==> flow/design.v <==
module my_add_p #(
    parameter DW = 5,
    parameter INPUTS = 3,
    parameter SUM_W = DW + $clog2(INPUTS)
) (
    input logic core_clk,
    input logic rst_n,
    input logic ce,
    input logic [INPUTS*DW-1:0] bus,
    output logic [SUM_W-1:0] sum
);
    logic [SUM_W-1:0] work;
    always_comb begin
        work = '0;
        for (int idx = 0; idx < INPUTS; idx++)
            work = work + bus[idx*DW +: DW];
    end
    logic [SUM_W-1:0] sum_r;
    always_ff @(posedge core_clk or negedge rst_n) begin
        if (!rst_n) begin
            sum_r <= '0;
        end else if (ce) begin
            sum_r <= work;
        end
    end
    assign sum = sum_r;
endmodule
Hand-over note for my_add_p

== Reports on my_add_p ==
Tool output for the members of one design family, told apart by "DW", in the order of the flow.
The file above is the member DW=5. Line numbers count from 1 in each member's own file.
Cell names lack the library's common part.
Not given: n/a
Inputs
  design top: my_add_p
  clock port: core_clk
  standard-cell library: sky130hd
  timing corner: tt_025C_1v80

== Source of the members ==
Lines of each other member's file that are new or changed against the file above; lines that a member lacks are not shown.
New or changed lines
  DW 10: line 2  | parameter DW = 10,
  DW 16: line 2  | parameter DW = 16,
  DW 28: line 2  | parameter DW = 28,

== Word level ==
Counts by Yosys on the flattened word-level netlist (proc, flatten, opt, wreduce; memories kept). Register bits leave out memories and registers merged into their read ports (data or address); mux counts leave out enables and synchronous resets folded into registers. Print and check cells are left out. Cells with the same type and inputs are merged into one.
Operators by class
  DW 5: $add $sub $neg 2, multipliers 0, div/mod/pow operators 0, order comparisons 0, equality and inequality tests 0, shifts and indexed selects 0, multiplexer cells 0, bitwise logic cells 0, reduce/logical cells 0
  DW 10: $add $sub $neg 2, multipliers 0, div/mod/pow operators 0, order comparisons 0, equality and inequality tests 0, shifts and indexed selects 0, multiplexer cells 0, bitwise logic cells 0, reduce/logical cells 0
  DW 16: $add $sub $neg 2, multipliers 0, div/mod/pow operators 0, order comparisons 0, equality and inequality tests 0, shifts and indexed selects 0, multiplexer cells 0, bitwise logic cells 0, reduce/logical cells 0
  DW 28: $add $sub $neg 2, multipliers 0, div/mod/pow operators 0, order comparisons 0, equality and inequality tests 0, shifts and indexed selects 0, multiplexer cells 0, bitwise logic cells 0, reduce/logical cells 0
Operators by type and width (kind and count)
  DW 5: 1 x 6-bit by 5-bit adder with 7-bit output; 1 x 5-bit by 5-bit adder with 6-bit output
  DW 10: 1 x 11-bit by 10-bit adder with 12-bit output; 1 x 10-bit by 10-bit adder with 11-bit output
  DW 16: 1 x 17-bit by 16-bit adder with 18-bit output; 1 x 16-bit by 16-bit adder with 17-bit output
  DW 28: 1 x 29-bit by 28-bit adder with 30-bit output; 1 x 28-bit by 28-bit adder with 29-bit output
Bit counts
  DW 5: register bits after elaboration 7, bits in latches 0, memory bits (writable) 0, bits in read-only memories 0, word width x clocked read ports 0, memories 0, elaborated cells 3
  DW 10: register bits after elaboration 12, bits in latches 0, memory bits (writable) 0, bits in read-only memories 0, word width x clocked read ports 0, memories 0, elaborated cells 3
  DW 16: register bits after elaboration 18, bits in latches 0, memory bits (writable) 0, bits in read-only memories 0, word width x clocked read ports 0, memories 0, elaborated cells 3
  DW 28: register bits after elaboration 30, bits in latches 0, memory bits (writable) 0, bits in read-only memories 0, word width x clocked read ports 0, memories 0, elaborated cells 3

== Longest topological paths ==
Yosys ltp: most cells in a row. Word level: on the elaborated netlist, between registers, memories and ports. Mapped: between sequential cells and ports; inverters and the memories' decode and read muxes count.
Logic depth
  DW 5: word-level depth 2, ABC_AREA 0, gate-level depth with buffers 8
  DW 10: word-level depth 2, ABC_AREA 0, gate-level depth with buffers 11
  DW 16: word-level depth 2, ABC_AREA 0, gate-level depth with buffers 10
  DW 28: word-level depth 2, ABC_AREA 0, gate-level depth with buffers 11

== Mapped cells and area ==
Yosys stat after the flow's synthesis: flattened, memories mapped to cells. It holds for the ABC_AREA given above (unset counts as 0); a run with the other value may have another netlist.
Totals and module areas in this step are rounded.
Mapped netlist
  DW 5: standard cells after synthesis 52, chip area (Yosys) 553 sq um, area of sequential cells 175 sq um, flip-flops 7, buffer cells 1
  DW 10: standard cells after synthesis 107, chip area (Yosys) 1100 sq um, area of sequential cells 300 sq um, flip-flops 12, buffer cells 2
  DW 16: standard cells after synthesis 196, chip area (Yosys) 1900 sq um, area of sequential cells 450 sq um, flip-flops 18, buffer cells 9
  DW 28: standard cells after synthesis 330, chip area (Yosys) 3190 sq um, area of sequential cells 751 sq um, flip-flops 30, buffer cells 6
Cells by type (type and count)
  DW 5: 7 x dfrtp_1; 6 x fa_1; 4 x ha_1; 9 x inv_1; 3 x a211oi_1; 2 x mux2_2; 3 x a21oi_1; 4 x nor2_1; 1 x and3_4; 1 x buf_6; 2 x nand3_1; 2 x o21ai_0; 1 x nor4b_1; 1 x o31a_1; 1 x xnor2_1; 1 x a21o_1; 2 x nand2_1; 1 x o211ai_1; 1 x o31ai_1
  DW 10: 12 x dfrtp_1; 11 x fa_1; 9 x ha_1; 18 x inv_1; 5 x mux2_2; 9 x o21ai_0; 6 x a21oi_1; 3 x a211oi_1; 2 x mux2i_1; 5 x nor2_1; 2 x xnor2_1; 1 x o41ai_2; 2 x a21o_1; 1 x mux2_4; 2 x o21a_1; 2 x o31ai_1; 1 x nor2b_4; 2 x o22ai_1; (+14)
  DW 16: 18 x dfrtp_1; 17 x fa_1; 15 x ha_1; 14 x a21oi_1; 6 x mux2_2; 15 x nand2_1; 6 x o21a_1; 9 x o21ai_0; 5 x xnor2_1; 5 x a21o_1; 10 x inv_1; 6 x nand4_1; 4 x o311ai_0; 5 x and3_1; 7 x nor2_1; 5 x nand3_1; 3 x a211oi_1; 3 x o211ai_1; (+43)
  DW 28: 30 x dfrtp_1; 29 x fa_1; 27 x ha_1; 17 x mux2_2; 36 x a21oi_1; 30 x nand2_1; 24 x nor2_1; 10 x xnor2_1; 8 x xor2_1; 7 x o211ai_1; 7 x o21a_1; 10 x o21ai_0; 6 x a21o_1; 7 x nand4_1; 10 x inv_1; 5 x o31ai_1; 7 x nor3_1; 4 x a211oi_1; (+56)
The mark (+n) counts cells that are not listed.

== Path before layout ==
Path of least setup slack by OpenSTA after synthesis, without wires, with an ideal clock, recovery checks aside; 20% of the period is set as input and as output delay. Where synthesis merged equal registers, the netlist keeps one of their names.
Timing path post-synthesis
  DW 5: path type input -> register, from in bus[1], to reg sum_r[5], clock period 2.37 ns, slack 0.382 ns, stages 6, path delay 1.514 ns, period reached after synthesis 1.988 ns
  DW 10: path type input -> register, from in bus[1], to reg sum_r[7], clock period 3.29 ns, slack 0.525 ns, stages 9, path delay 2.107 ns, period reached after synthesis 2.765 ns
  DW 16: path type input -> register, from in bus[1], to reg sum_r[9], clock period 3.68 ns, slack 0.586 ns, stages 8, path delay 2.358 ns, period reached after synthesis 3.094 ns
  DW 28: path type input -> register, from in bus[1], to reg sum_r[23], clock period 4.11 ns, slack 0.659 ns, stages 9, path delay 2.629 ns, period reached after synthesis 3.451 ns
"path delay" = arrival - input delay + setup time.
"stages" counts driving pins, that of a launching flip-flop among them; a cell with two outputs on the path counts twice.
"period reached after synthesis" = period - worst setup slack (recovery checks aside). The figure is calculated, with input and output delays left at 20% of the set period.
The rows between start and end are the longest chain of elaborated cells between them; the timing report does not say that the signal goes this way. Where chains are equally long, one stands for them.
A line is the first line of the expression or statement that the cell stems from. Yosys adds cells for indexed reads and writes and turns some case tables into memories.
Between the ends, post-synthesis, DW=5
  length of the longest elaborated chain: 2
RTL lines, path post-synthesis, DW=5
  from (decl): line 9  | input logic [INPUTS*DW-1:0] bus,
  5-bit by 5-bit adder with 6-bit output: line 16  | work = work + bus[idx*DW +: DW];
  6-bit by 5-bit adder with 7-bit output: line 16
  to (assign): line 21  | sum_r <= '0;
  to (assign): line 23  | sum_r <= work;
  to (decl): line 18  | logic [SUM_W-1:0] sum_r;
Between the ends, post-synthesis, DW=28
  length of the longest elaborated chain: 2
RTL lines, path post-synthesis, DW=28
  from (decl): line 9  | input logic [INPUTS*DW-1:0] bus,
  28-bit by 28-bit adder with 29-bit output: line 16  | work = work + bus[idx*DW +: DW];
  29-bit by 28-bit adder with 30-bit output: line 16
  to (assign): line 21  | sum_r <= '0;
  to (assign): line 23  | sum_r <= work;
  to (decl): line 18  | logic [SUM_W-1:0] sum_r;

== Timing after layout ==
Path of least setup slack in the final report of each member's run (OpenROAD, finished layout, wires in). Where an end is a register, its clock arrival counts in the times.
Timing path after layout
  DW 5: path type input -> register, from in bus[2], to reg sum_r[6], clock period 2.37 ns, slack 0.09 ns, stages 6, data arrival time 2.41 ns, path buffers 1
  DW 10: path type input -> register, from in bus[1], to reg sum_r[7], clock period 3.29 ns, slack 0.24 ns, stages 10, data arrival time 3.21 ns, path buffers 1
  DW 16: path type input -> register, from in bus[1], to reg sum_r[9], clock period 3.68 ns, slack 0.31 ns, stages 9, data arrival time 3.52 ns, path buffers 1
  DW 28: path type input -> register, from in bus[1], to reg sum_r[23], clock period 4.11 ns, slack 0.35 ns, stages 10, data arrival time 3.94 ns, path buffers 1

== Measured runs ==
One run of the flow (Yosys, OpenROAD) for each member, with settings and measured results. Input and output delays are each 20% of the period that was set; the output load is 0.01 pF.
Settings
  CAP_MARGIN: 20
  CORE_MARGIN: 2
  CORE_UTILIZATION: 40
  SLEW_MARGIN: 20
Settings that differ (period_ns)
  DW 5: 2.37
  DW 10: 3.29
  DW 16: 3.68
  DW 28: 4.11
Measured results
  DW 5: synthesized cell area 553 sq um, full die area 1700 sq um, standard-cell area after layout 853 sq um, utilization after layout 65.6%, smallest setup slack 0.087 ns, total negative setup slack 0.000 ns, total power after layout 0.528 mW, period achieved 2.283 ns
  DW 10: synthesized cell area 1100 sq um, full die area 3170 sq um, standard-cell area after layout 1600 sq um, utilization after layout 63.0%, smallest setup slack 0.236 ns, total negative setup slack 0.000 ns, total power after layout 0.739 mW, period achieved 3.054 ns
  DW 16: synthesized cell area 1900 sq um, full die area 5320 sq um, standard-cell area after layout 2690 sq um, utilization after layout 57.7%, smallest setup slack 0.309 ns, total negative setup slack 0.000 ns, total power after layout 1.19 mW, period achieved 3.371 ns
  DW 28: synthesized cell area 3190 sq um, full die area 8710 sq um, standard-cell area after layout 4580 sq um, utilization after layout 59.3%, smallest setup slack 0.348 ns, total negative setup slack 0.000 ns, total power after layout 1.93 mW, period achieved 3.762 ns
"period achieved": clock period set for the run, less the worst setup slack. It is reckoned from that one timing run; input and output delays stay at 20% of the period that was set.
By "total power after layout" is meant OpenSTA's value without simulated activity: inputs other than the clock are taken to toggle once in ten clock periods, and the tool carries that through the logic.
Results are given in rounded form.

End of note.
